==> flow/design.v <==
module comparator_blk #(
    parameter integer W = 36
) (
    input  logic sys_clk,
    input  logic [W-1:0] i_A,
    input  logic [W-1:0] i_B,
    output logic o_is_eq
);
    logic [W-1:0] r_A;
    always_ff @(posedge sys_clk) begin
        r_A <= i_A;
    end
    logic [W-1:0] r_B;
    always_ff @(posedge sys_clk) begin
        r_B <= i_B;
    end
    logic [W-1:0] nxt;
    assign nxt = r_A ^ r_B;
    always_ff @(posedge sys_clk) begin
        o_is_eq <= (nxt == 0);
    end
endmodule
Reports on comparator_blk --
What the tools print for comparator_blk, step after step. Lines are those of the file above, counted from 1. Cell names lack the library's common part. The mark - stands for no value.
Design: design top comparator_blk, clock input sys_clk, library sky130hd, timing corner tt_025C_1v80

After elaboration --
Yosys after proc, flatten, opt, wreduce and memory -nomap, before mapping. Enables and synchronous resets that opt folds into registers are not counted as muxes. Memory bits, and registers merged into a memory's read port (data or address), are not among the register bits. Print and check cells are not counted. Equal cells are merged and count once.
Bit counts: word-level cells 5, input bits 73, register bits after elaboration 73
Operators by class: reduce/logical cells 1, bitwise gates (word level) 1
Operators with widths (count):
- bitwise XOR 36 bit | 1
- logical NOT 36 bit | 1

Longest topological paths --
Yosys ltp: most cells in a row. Word level: on the elaborated netlist, between registers, memories and ports. Mapped: between sequential cells and ports; inverters and the memories' decode and read muxes count.
Depth: depth after elaboration 2, ABC_AREA 0, gate-level depth with buffers 4, depth with buffers taken out 4

Synthesis result --
Source: synth_stat.txt of the flow (Yosys; design flattened, memories mapped). It holds for the ABC_AREA given above (unset counts as 0); a run with the other value may have another netlist. The area totals of this step are shown rounded.
Cells by type:
- dfxtp_1 | count 73, total area 1.46E+03 um^2
- xor2_1 | count 28, total area 245.235 um^2
- xnor2_1 | count 8, total area 70.067 um^2
- nor4_1 | count 7, total area 43.792 um^2
- nand4_1 | count 3, total area 18.768 um^2
- nor4_2 | count 1, total area 12.512 um^2
- nand3_1 | count 1, total area 5.005 um^2
Mapped netlist: flip-flops 73, synthesis area 1860 um^2, cells in the netlist 121, sequential area 1460 um^2

Timing after synthesis --
OpenSTA on the mapped netlist: ideal clock, no wires. The path of least setup slack (recovery checks aside). Input and output delay are each 20% of the period. Register names are those of the netlist, which keeps one name where synthesis merged equal registers.
Path after synthesis: path type flip-flop to flip-flop, start register r_B[17], end register o_is_eq, period 1340 ps, path delay 1071 ps, driving pins on the path 5, time at the first pin 0 ps, arrival 983 ps, path slack 269 ps, synthesis period reached 1071 ps
"path delay" is the arrival time less input delay plus setup time. "driving pins on the path": output pins that drive a net of the path, with the launching flip-flop's if there is one; two outputs of one cell count as two. "synthesis period reached" is the clock period less the worst setup slack; recovery checks do not enter. This is arithmetic on one report: input and output delays are still those of the set period (20% each). The rows between start and end are the longest chain of elaborated cells between them; the timing report does not say that the signal goes this way. Where chains are equally long, one stands for them. Each line given opens the expression or statement behind the cell; cells for indexed reads and writes are added by Yosys, which also makes memories of some case tables.
On the way, after synthesis: cells stage by stage dfxtp_1 > xor2_1 > nor4_1 > nand3_1 > nor4_2, cells in the longest elaborated chain 2
RTL lines, path after synthesis:
- start: declaration | line 13 | logic [W-1:0] r_B;
- start: assignment | line 15 | r_B <= i_B;
- bitwise XOR 36 bit | line 18 | assign nxt = r_A ^ r_B;
- logical NOT 36 bit | line 20 | o_is_eq <= (nxt == 0);
- end: assignment | line 20
- end: declaration | line 7 | output logic o_is_eq

Worst path after layout --
Path of least setup slack in the final report of run 1 (OpenROAD, finished layout, wires in). Where an end is a register, its clock arrival counts in the times. The report prints the path's times to 10 ps; the period is as set.
Path post-layout: path type flip-flop to flip-flop, start register r_B[17], end register o_is_eq, time at the first pin 330 ps, driving pins on the path 5, period 1340 ps, arrival 1500 ps, path slack 90 ps
The rows between start and end are the longest chain of elaborated cells between them; the timing report does not say that the signal goes this way. Where chains are equally long, one stands for them.
On the way, post-layout: cells stage by stage dfxtp_1 > xor2_1 > nor4_1 > nand3_1 > nor4_2, cells in the longest elaborated chain 2
RTL lines, path post-layout:
- start: declaration | line 13 | logic [W-1:0] r_B;
- start: assignment | line 15 | r_B <= i_B;
- bitwise XOR 36 bit | line 18 | assign nxt = r_A ^ r_B;
- logical NOT 36 bit | line 20 | o_is_eq <= (nxt == 0);
- end: assignment | line 20
- end: declaration | line 7 | output logic o_is_eq

==> results <==
Flow measurements of comparator_blk on sky130hd: 3 stored runs with different settings, listed in no order. Input and output delays are each 20% of the period that was set; the output load is 0.01 pF.
"clock period reached": clock period set for the run, less the worst setup slack. It is reckoned from that one timing run; input and output delays stay at 20% of the period that was set.
"critical setup path time" means the part of the period allowed to the worst setup path (the constraints hold back 20% at inputs and 20% at outputs) less its slack; where the path has registers, the arrival times of their clocks count too.
"total power of the final layout" rests on the timing tool's default activity at the inputs, not on a simulated workload.
"critical setup path time" is given in steps of 10 ps.
The measured numbers are rounded.

* Run 1 | settings: period_ns 1.34; CAP_MARGIN 20; CORE_MARGIN 2; CORE_UTILIZATION 40; SLEW_MARGIN 20 | results: total negative slack 0 ps; std-cell area (final layout) 2850 um^2; setup slack of the worst path 88 ps; total power of the final layout 4240 uW; total die area 5200 um^2; cell area after synthesis 1860 um^2; final design utilization 64.7 %; worst hold slack 377 ps; critical setup path time 1250 ps; worst path kind flip-flop to flip-flop; clock period reached 1252 ps
* Run 2 | settings: period_ns 1.23; CORE_UTILIZATION 21; SETUP_SLACK_MARGIN 0.2; CORE_MARGIN 6; CELL_PAD_IN_SITES_GLOBAL_PLACEMENT 2; TNS_END_PERCENT 10; CTS_CLUSTER_SIZE 25; CTS_CLUSTER_DIAMETER 387; CAP_MARGIN 10; SLEW_MARGIN 20 | results: total negative slack -37 ps; std-cell area (final layout) 3000 um^2; setup slack of the worst path -37 ps; total power of the final layout 5080 uW; total die area 11200 um^2; cell area after synthesis 1860 um^2; final design utilization 35.8 %; worst hold slack 346 ps; critical setup path time 1270 ps; worst path kind flip-flop to flip-flop; clock period reached 1267 ps
* Run 3 | settings: period_ns 1.09; CORE_UTILIZATION 45; SETUP_SLACK_MARGIN 0.01; PLACE_DENSITY 0.68; TNS_END_PERCENT 5; GPL_TIMING_DRIVEN 0; GPL_ROUTABILITY_DRIVEN 0; CAP_MARGIN 20; CORE_MARGIN 2; SLEW_MARGIN 20 | results: total negative slack -120 ps; std-cell area (final layout) 2860 um^2; setup slack of the worst path -120 ps; total power of the final layout 5250 uW; total die area 4660 um^2; cell area after synthesis 1860 um^2; final design utilization 72.0 %; worst hold slack 329 ps; critical setup path time 1210 ps; worst path kind flip-flop to flip-flop; clock period reached 1210 ps
